==> flow/design.v <==
module dp_scratch_stage #(
    parameter integer D = 12,
    parameter integer W = 40,
    parameter integer AWIDTH = $clog2(D)
) (
    input  wire CLK,
    input  wire i_rst,
    input  wire load_i,
    input  wire [AWIDTH-1:0] wr_idx_i,
    input  wire [W-1:0] wd_i,
    input  wire [AWIDTH-1:0] ra_i,
    output wire [W-1:0] rdata_o
);
    reg load_r;
    reg [AWIDTH-1:0] wr_idx_r;
    reg [W-1:0] wd_r;
    reg [W-1:0] regs [0:D-1];
    always @(posedge CLK) begin
        if (load_r)
            regs[wr_idx_r] <= wd_r;
    end
    reg [AWIDTH-1:0] ra_r;
    assign rdata_o = regs[ra_r];
    always @(posedge CLK) begin
        if (i_rst) begin
            load_r <= 1'b0;
            wr_idx_r <= 0;
            wd_r <= 0;
            ra_r <= 0;
        end else begin
            load_r <= load_i;
            wr_idx_r <= wr_idx_i;
            wd_r <= wd_i;
            ra_r <= ra_i;
        end
    end
endmodule
### Tool chain data of dp_scratch_stage

The steps from the RTL of dp_scratch_stage to its reports follow in flow order.
Line numbers count from 1 in the design file above.
Library cell names are shortened.
Not given: --

| inputs | value |
|---|---|
| top | dp_scratch_stage |
| clock | CLK |
| cell library | sky130hd |
| timing corner | tt_025C_1v80 |

### Word-level counts

Yosys after proc, flatten, opt, wreduce and memory -nomap, before mapping. Print and check cells are not counted. Equal cells are merged and count once.
Yosys's memory passes give these memory sizes; they may raise the number of words (mostly to a power of two), join words into wider ones and drop unused or constant bits.

| bit counts | value |
|---|---|
| memories kept | 1 |
| word width x clocked read ports | 40 |
| input port bits | 51 |
| elaborated cells | 8 |
| ROM bits | 0 |
| bits in latches | 0 |
| output and inout bits | 40 |
| memory bits (writable) | 480 |
| register bits | 45 |

| operators by class | value |
|---|---|
| $lt $le $gt $ge | 0 |
| bitwise gates (word level) | 0 |
| multipliers | 0 |
| reductions and logical operators | 0 |
| divide/modulo/power cells | 0 |
| equality and inequality tests | 0 |
| shift-type cells | 0 |
| multiplexer cells | 4 |
| add/subtract/negate cells | 0 |

Memory list:

| name | words | width | rd ports | write ports | line | source |
|---|---|---|---|---|---|---|
| regs | 12 | 40 | 1 | 1 | 17 | `reg [W-1:0] regs [0:D-1];` |

Operator list:

| operator | number |
|---|---|
| 2-to-1 mux 40 bit | 1 |
| 2-to-1 mux 4 bit | 2 |
| 2-to-1 mux 1 bit | 1 |

### Depth

Depth = most cells in a row (Yosys ltp): at word level without a register or memory, in the mapped netlist without a sequential cell, where the memories' decode and read muxes count.

| depth | value |
|---|---|
| depth after elaboration | 1 |
| ABC_AREA | 0 |
| mapped depth | 6 |
| depth with buffers taken out | 3 |

### Synthesis result

The flow's flattened synthesis, as Yosys stat reports it; memories are mapped. The netlist is that of the ABC_AREA named above (0 if unset); the other value can give another one.

Cell types:

| type | number | total area (µm²) |
|---|---|---|
| edfxtp_1 | 480 | 1.44E+04 |
| mux4_2 | 80 | 1.8E+03 |
| dfxtp_1 | 49 | 980.941 |
| mux2i_1 | 80 | 800.768 |
| nor2b_1 | 50 | 312.8 |
| o221ai_2 | 20 | 300.288 |
| a22oi_2 | 20 | 250.24 |
| o221ai_1 | 20 | 175.168 |
| a22oi_1 | 20 | 150.144 |
| clkbuf_1 | 25 | 93.84 |
| buf_12 | 3 | 60.058 |
| buf_2 | 10 | 50.048 |
| nor2_1 | 10 | 37.536 |
| buf_6 | 3 | 33.782 |
| buf_4 | 3 | 22.522 |
| nand2b_1 | 3 | 18.768 |
| buf_1 | 4 | 15.014 |
| nand3b_1 | 2 | 15.014 |

Not listed: further types 3, cells in them 6.

| synthesis totals | value |
|---|---|
| sequential area | 15394.8 µm² |
| buffers | 48 |
| mapped area | 19563.8 µm² |
| standard cells after synthesis | 888 |
| flip-flops | 529 |

### Worst setup path after synthesis

Path of least setup slack by OpenSTA after synthesis, without wires, with an ideal clock, recovery checks aside; 20% of the period is set as input and as output delay. Where synthesis merged equal registers, the netlist keeps one of their names.

| timing path post-synthesis | value |
|---|---|
| path kind | flip-flop to flip-flop |
| from | register load_r |
| to | memory regs[0][0] |
| required time | 4563 ps |
| arrival | 3557 ps |
| launch time at the first pin | 0 ps |
| stages on the path | 3 |
| path delay | 4044 ps |
| period | 5050 ps |
| setup slack | 1005 ps |
| synthesis period reached | 4045 ps |

"path delay" is the arrival time less input delay plus setup time.
"stages on the path" counts driving pins, that of a launching flip-flop among them; a cell with two outputs on the path counts twice.
"synthesis period reached" is the clock period less the worst setup slack; recovery checks do not enter. This is arithmetic on one report: input and output delays are still those of the set period (20% each).
Between the ends stands the longest chain of elaborated cells between them, by number of cells; it is not shown to be the way that was timed. Of several equally long chains one is given.
Each line given opens the expression or statement behind the cell; cells for indexed reads and writes are added by Yosys, which also makes memories of some case tables.
The path ends at the enable pin of a flip-flop; only ways to that pin are counted.

| on the way, post-synthesis | value |
|---|---|
| cell sequence | dfxtp_1 > or3b_2 > nor3_1 |
| cells in the longest elaborated chain | 1 |

Ends and longest elaborated chain, post-synthesis:

| what | line | source |
|---|---|---|
| start, declared | 14 | `reg load_r;` |
| start, assigned | 26 | `load_r <= 1'b0;` |
| start, assigned | 31 | `load_r <= load_i;` |
| 2-to-1 mux 4 bit | 19 | `if (load_r)` |
| end, declared | 17 | `reg [W-1:0] regs [0:D-1];` |

### Worst path after layout

From the final timing report of flow run 1: the path of least setup slack in the routed layout; clock arrival at registers is part of the times.
The path's times are printed in steps of 10 ps; the period is the one set.

| timing path after layout | value |
|---|---|
| path kind | flip-flop to output port |
| from | register (name not given) |
| to | output rdata_o[16] |
| stages on the path | 4 |
| required time | 3100 ps |
| arrival | 2910 ps |
| setup slack | 190 ps |
| period | 3870 ps |
| launch time at the first pin | 600 ps |

| on the way, after layout | value |
|---|---|
| cell sequence | dfxtp_1 > nand2_4 > o221ai_1 > clkdlybuf4s50_1 |

Ends and longest elaborated chain, after layout:

| what | line | source |
|---|---|---|
| end, declared | 12 | `output wire [W-1:0] rdata_o` |

No chain of elaborated cells between the ends is given.

==> results <==
Module dp_scratch_stage, platform sky130hd: 3 stored runs of the flow (Yosys, OpenROAD) with differing settings, in no particular order. Input and output delays are each 20% of the period that was set; the output load is 0.01 pF.
"clock period reached" is the run's clock period less its worst setup slack. It is reckoned from that one timing run; input and output delays stay at 20% of the period that was set.
"time on the worst setup path" = time allowed to the worst setup path (clock period - input delay - output delay, where it has them) - its slack; a late launch clock adds to it, a late capture clock takes from it.
"total power of the final layout" rests on the timing tool's default activity at the inputs, not on a simulated workload.
"time on the worst setup path" is known to 10 ps.
Settings: . = not set for that run.

| setting or result | flow run 1 | flow run 2 | flow run 3 |
|---|---|---|---|
| period_ns | 3.87 | 5.05 | 6.68 |
| CORE_UTILIZATION | 21 | 40 | 20 |
| PLACE_DENSITY | 0.52 | . | . |
| CORE_MARGIN | 10 | 2 | 4 |
| CELL_PAD_IN_SITES_DETAIL_PLACEMENT | 0 | . | 1 |
| TNS_END_PERCENT | 35 | . | . |
| ABC_AREA | 0 | . | . |
| GPL_ROUTABILITY_DRIVEN | 0 | . | . |
| CTS_CLUSTER_SIZE | 76 | . | . |
| CTS_CLUSTER_DIAMETER | 34 | . | 169 |
| SLEW_MARGIN | 35 | 20 | 20 |
| MAX_ROUTING_LAYER | met4 | . | . |
| CAP_MARGIN | 20 | 20 | 35 |
| total power of the final layout (mW) | 15.842 | 9.194 | 7.095 |
| final design utilization | 0.281 | 0.474 | 0.247 |
| setup slack of the worst path (ps) | 186 | 780 | 1763 |
| post-route setup TNS (ps) | 0 | 0 | 0 |
| chip area in the Yosys report (µm²) | 19563.8 | 19563.8 | 19563.8 |
| post-route worst hold slack (ps) | 605 | 590 | 600 |
| clock period reached (ps) | 3684 | 4270 | 4917 |
| area inside the die boundary (µm²) | 105768.0 | 50694.8 | 102887.0 |
| time on the worst setup path (ps) | 2910 | 3260 | 3580 |
| worst setup path kind | flip-flop to output port | flip-flop to output port | flip-flop to output port |
| area of the standard cells in the finished layout (µm²) | 25867.3 | 23070.9 | 23941.7 |
